==> flow/design.v <==
module selector #(
    parameter DATA_W = 12,
    parameter COUNT = 10
) (
    input logic core_clk,
    input logic srst,
    input logic en,
    input logic [COUNT*DATA_W-1:0] val,
    input logic [COUNT-1:0] choose,
    output logic [DATA_W-1:0] out
);
    logic [DATA_W-1:0] work;
    always_comb begin
        work = '0;
        for (int i = COUNT-1; i >= 0; i = i - 1)
            if (choose[i]) work = val[i*DATA_W +: DATA_W];
    end
    always_ff @(posedge core_clk or posedge srst) begin
        if (srst) begin
            out <= '0;
        end else if (en) begin
            out <= work;
        end
    end
endmodule
* Reports on selector
The steps from the RTL of selector to its reports follow in flow order.
Line numbers count from 1 in the design file above.
Operators: Yosys type, input widths -> output width; for muxes data width and select width s.
Library cell names are shortened.
Not given: --
- Top :: selector
- Clock input :: core_clk
- Cell library :: sky130hd
- Timing corner :: tt_025C_1v80

* Word-level counts
Counts by Yosys on the flattened word-level netlist (proc, flatten, opt, wreduce; memories kept). Register bits leave out memories and registers merged into their read ports (data or address); mux counts leave out enables and synchronous resets folded into registers. Print and check cells are left out. Cells with the same type and inputs are merged into one.
- Register bits :: 12
- Cells after elaboration :: 11
- Multiplexer cells :: 10
** Operator list (number)
- $mux 12 :: 10

* Depth
Depth = most cells in a row (Yosys ltp): at word level without a register or memory, in the mapped netlist without a sequential cell, where the memories' decode and read muxes count.
- Depth in word-level cells :: 10
- ABC_AREA :: 0
- Mapped depth :: 6
- Depth with buffers taken out :: 4

* After synthesis
Source: synth_stat.txt of the flow (Yosys; design flattened, memories mapped). It holds for the ABC_AREA given above (unset counts as 0); a run with the other value may have another netlist.
** Cells by type
- dfrtp_1 :: number 12, area in all 300.288 um^2
- nand2_1 :: number 34, area in all 127.622 um^2
- o221ai_1 :: number 12, area in all 105.101 um^2
- a211oi_1 :: number 12, area in all 90.086 um^2
- a221o_1 :: number 9, area in all 90.086 um^2
- nor3b_1 :: number 12, area in all 90.086 um^2
- nor2b_1 :: number 13, area in all 81.328 um^2
- a211o_1 :: number 9, area in all 78.826 um^2
- o211ai_1 :: number 10, area in all 75.072 um^2
- o311ai_0 :: number 8, area in all 70.067 um^2
- a221oi_1 :: number 7, area in all 61.309 um^2
- a21oi_1 :: number 12, area in all 60.058 um^2
- a221oi_2 :: number 3, area in all 45.043 um^2
- inv_1 :: number 12, area in all 45.043 um^2
- nor2_1 :: number 11, area in all 41.29 um^2
- clkbuf_1 :: number 10, area in all 37.536 um^2
- buf_2 :: number 6, area in all 30.029 um^2
- o2111ai_1 :: number 3, area in all 26.275 um^2
Not listed: further types 11, cells in them 19.
- Cells in the netlist :: 214
- Synthesis area :: 1617.8 um^2
- Flip-flops :: 12

* Worst setup path after synthesis
Source: OpenSTA report_checks on the synthesized netlist (no wires, ideal clock, input and output delay 20% of the period each), path of least setup slack; recovery checks are left aside. Register names are those of the netlist, which keeps one name where synthesis merged equal registers.
- Kind :: input port to flip-flop
- From :: input (name not given)
- To :: register out[0]
- Clock period :: 1560 ps
- External input delay :: 312 ps
- Time at the first pin :: 312 ps
- Arrival :: 1182 ps
- Slack :: 251 ps
- Path delay :: 997 ps
- Stages :: 4
- Buffers on the path :: 1
- Synthesis period reached :: 1309 ps
"path delay" = arrival - input delay + setup time.
"stages": output pins that drive a net of the path, with the launching flip-flop's if there is one; two outputs of one cell count as two.
"synthesis period reached" is the clock period less the worst setup slack; recovery checks do not enter. This is arithmetic on one report: input and output delays are still those of the set period (20% each).
The rows between start and end are the longest chain of elaborated cells between them; the timing report does not say that the signal goes this way. Where chains are equally long, one stands for them.
Each line given opens the expression or statement behind the cell; cells for indexed reads and writes are added by Yosys, which also makes memories of some case tables.
- Path through :: or3b_2 buf_2 o211ai_1 a21oi_1
- Length of the longest elaborated chain :: 7
- Elaborated cells between the ends (all ways) :: 7
- RTL lines with such cells :: 1
- Classes of those cells :: mux (7)
** Ends and longest elaborated chain, after synthesis
- start, declared :: RTL line 9
- $mux 12 (7 in a row) :: RTL line 16
- end, assigned :: RTL line 20 : out <= '0;
- end, assigned :: RTL line 22 : out <= work;
- end, declared :: RTL line 10 : output logic [DATA_W-1:0] out

* Worst path after layout
Path of least setup slack in the final report of run 2 (OpenROAD, finished layout, wires in). Where an end is a register, its clock arrival counts in the times.
The path's times are printed in steps of 10 ps; the period is the one set.
- Kind :: flip-flop to output port
- From :: register out[3]
- To :: output out[3]
- Clock period :: 1560 ps
- Time at the first pin :: 240 ps
- Arrival :: 1170 ps
- Slack :: 80 ps
- Stages :: 2
- Buffers on the path :: 1
- Path through :: dfrtp_1 clkdlybuf4s50_1
- Length of the longest elaborated chain :: 0
- Elaborated cells between the ends (all ways) :: 0
- RTL lines with such cells :: 0
** Ends and longest elaborated chain, post-layout
- start, declared :: RTL line 10 : output logic [DATA_W-1:0] out
- start, assigned :: RTL line 20 : out <= '0;
- start, assigned :: RTL line 22 : out <= work;
- end, declared :: RTL line 10

Data sheet: physical implementation of selector

Settings and measured results of 3 stored flow runs for module selector (sky130hd), not sorted in any way. The constraints put input and output delay at 20% of the set period each and load the outputs with 0.01 pF.
By "period reached" is meant the clock period of the run minus its worst setup slack. This is arithmetic on one report: input and output delays are still those of the set period (20% each).
"critical setup path time" is the time allowed to the run's worst setup path (the clock period less input and output delay, where it has them) less its slack. Clock arrival times count: a late capture clock shortens it, a late launch clock lengthens it.
By "total power of the final layout" is meant OpenSTA's value without simulated activity: inputs other than the clock are taken to toggle once in ten clock periods, and the tool carries that through the logic.
"critical setup path time" is given in steps of 10 ps.

* Run 1
** Files
==> flow/run.sh <==
#!/bin/bash
# the make line also repeats the synthesis and layout settings of config.mk as NAME=value (left out here)
make -C /OpenROAD-flow-scripts/flow DESIGN_CONFIG=/design/flow/config.mk WORK_HOME=/design/flow/orfs CLKGATE_MAP_FILE= finish
==> flow/config.mk <==
export PLATFORM = sky130hd
export DESIGN_NAME = selector
export DESIGN_NICKNAME = selector
export VERILOG_FILES = /design/flow/design.v
export SDC_FILE = /design/flow/constraint.sdc
export NUM_CORES = 4
export LEC_CHECK = 0
export CAP_MARGIN = 35
export CELL_PAD_IN_SITES_GLOBAL_PLACEMENT = 3
export CORE_ASPECT_RATIO = 0.97
export CORE_MARGIN = 9
export CORE_UTILIZATION = 38
export CTS_CLUSTER_DIAMETER = 373
export CTS_CLUSTER_SIZE = 27
export MAX_ROUTING_LAYER = met4
export MIN_ROUTING_LAYER = met1
export SETUP_SLACK_MARGIN = 0.0
export SLEW_MARGIN = 0
export TNS_END_PERCENT = 20
==> flow/constraint.sdc <==
create_clock -name core_clock -period 0.763 [get_ports {core_clk}]
set_input_delay 0.1526 -clock core_clock [delete_from_list [all_inputs] [get_ports {core_clk}]]
set_output_delay 0.1526 -clock core_clock [all_outputs]
set_load 0.01 [all_outputs]
** Results
Incomplete, placement halted on GPL-0301.

* Run 2
** Files
==> flow/run.sh <==
#!/bin/bash
# the make line also repeats the synthesis and layout settings of config.mk as NAME=value (left out here)
make -C /OpenROAD-flow-scripts/flow DESIGN_CONFIG=/design/flow/config.mk WORK_HOME=/design/flow/orfs CLKGATE_MAP_FILE= finish
==> flow/config.mk <==
export PLATFORM = sky130hd
export DESIGN_NAME = selector
export DESIGN_NICKNAME = selector
export VERILOG_FILES = /design/flow/design.v
export SDC_FILE = /design/flow/constraint.sdc
export NUM_CORES = 4
export LEC_CHECK = 0
export CAP_MARGIN = 20
export CORE_MARGIN = 2
export CORE_UTILIZATION = 40
export SLEW_MARGIN = 20
==> flow/constraint.sdc <==
create_clock -name core_clock -period 1.56 [get_ports {core_clk}]
set_input_delay 0.3120 -clock core_clock [delete_from_list [all_inputs] [get_ports {core_clk}]]
set_output_delay 0.3120 -clock core_clock [all_outputs]
set_load 0.01 [all_outputs]
** Results
- Netlist area reported by Yosys :: 1,617.8 um^2
- Full die area :: 4,569.1 um^2
- Standard-cell area after layout :: 3,375.7 um^2
- Post-layout utilization :: 85.6 %
- Lowest setup slack :: 78 ps
- Setup TNS :: 0 ps
- Total power of the final layout :: 1.575 mW
- Period reached :: 1,482 ps
- Critical setup path time :: 1,170 ps
- Worst setup path kind :: flip-flop to output port

* Run 3
** Files
==> flow/run.sh <==
#!/bin/bash
# the make line also repeats the synthesis and layout settings of config.mk as NAME=value (left out here)
make -C /OpenROAD-flow-scripts/flow DESIGN_CONFIG=/design/flow/config.mk WORK_HOME=/design/flow/orfs CLKGATE_MAP_FILE= finish
==> flow/config.mk <==
export PLATFORM = sky130hd
export DESIGN_NAME = selector
export DESIGN_NICKNAME = selector
export VERILOG_FILES = /design/flow/design.v
export SDC_FILE = /design/flow/constraint.sdc
export NUM_CORES = 4
export LEC_CHECK = 0
export ABC_AREA = 1
export CAP_MARGIN = 30
export CORE_ASPECT_RATIO = 0.58
export CORE_MARGIN = 2
export CORE_UTILIZATION = 70
export GPL_ROUTABILITY_DRIVEN = 0
export GPL_TIMING_DRIVEN = 0
export MIN_ROUTING_LAYER = met1
export PLACE_DENSITY_LB_ADDON = 0.03
export SETUP_SLACK_MARGIN = 0.08
export SLEW_MARGIN = 0
==> flow/constraint.sdc <==
create_clock -name core_clock -period 2.3 [get_ports {core_clk}]
set_input_delay 0.4600 -clock core_clock [delete_from_list [all_inputs] [get_ports {core_clk}]]
set_output_delay 0.4600 -clock core_clock [all_outputs]
set_load 0.01 [all_outputs]
** Results
Incomplete, placement halted on FLW-0024.
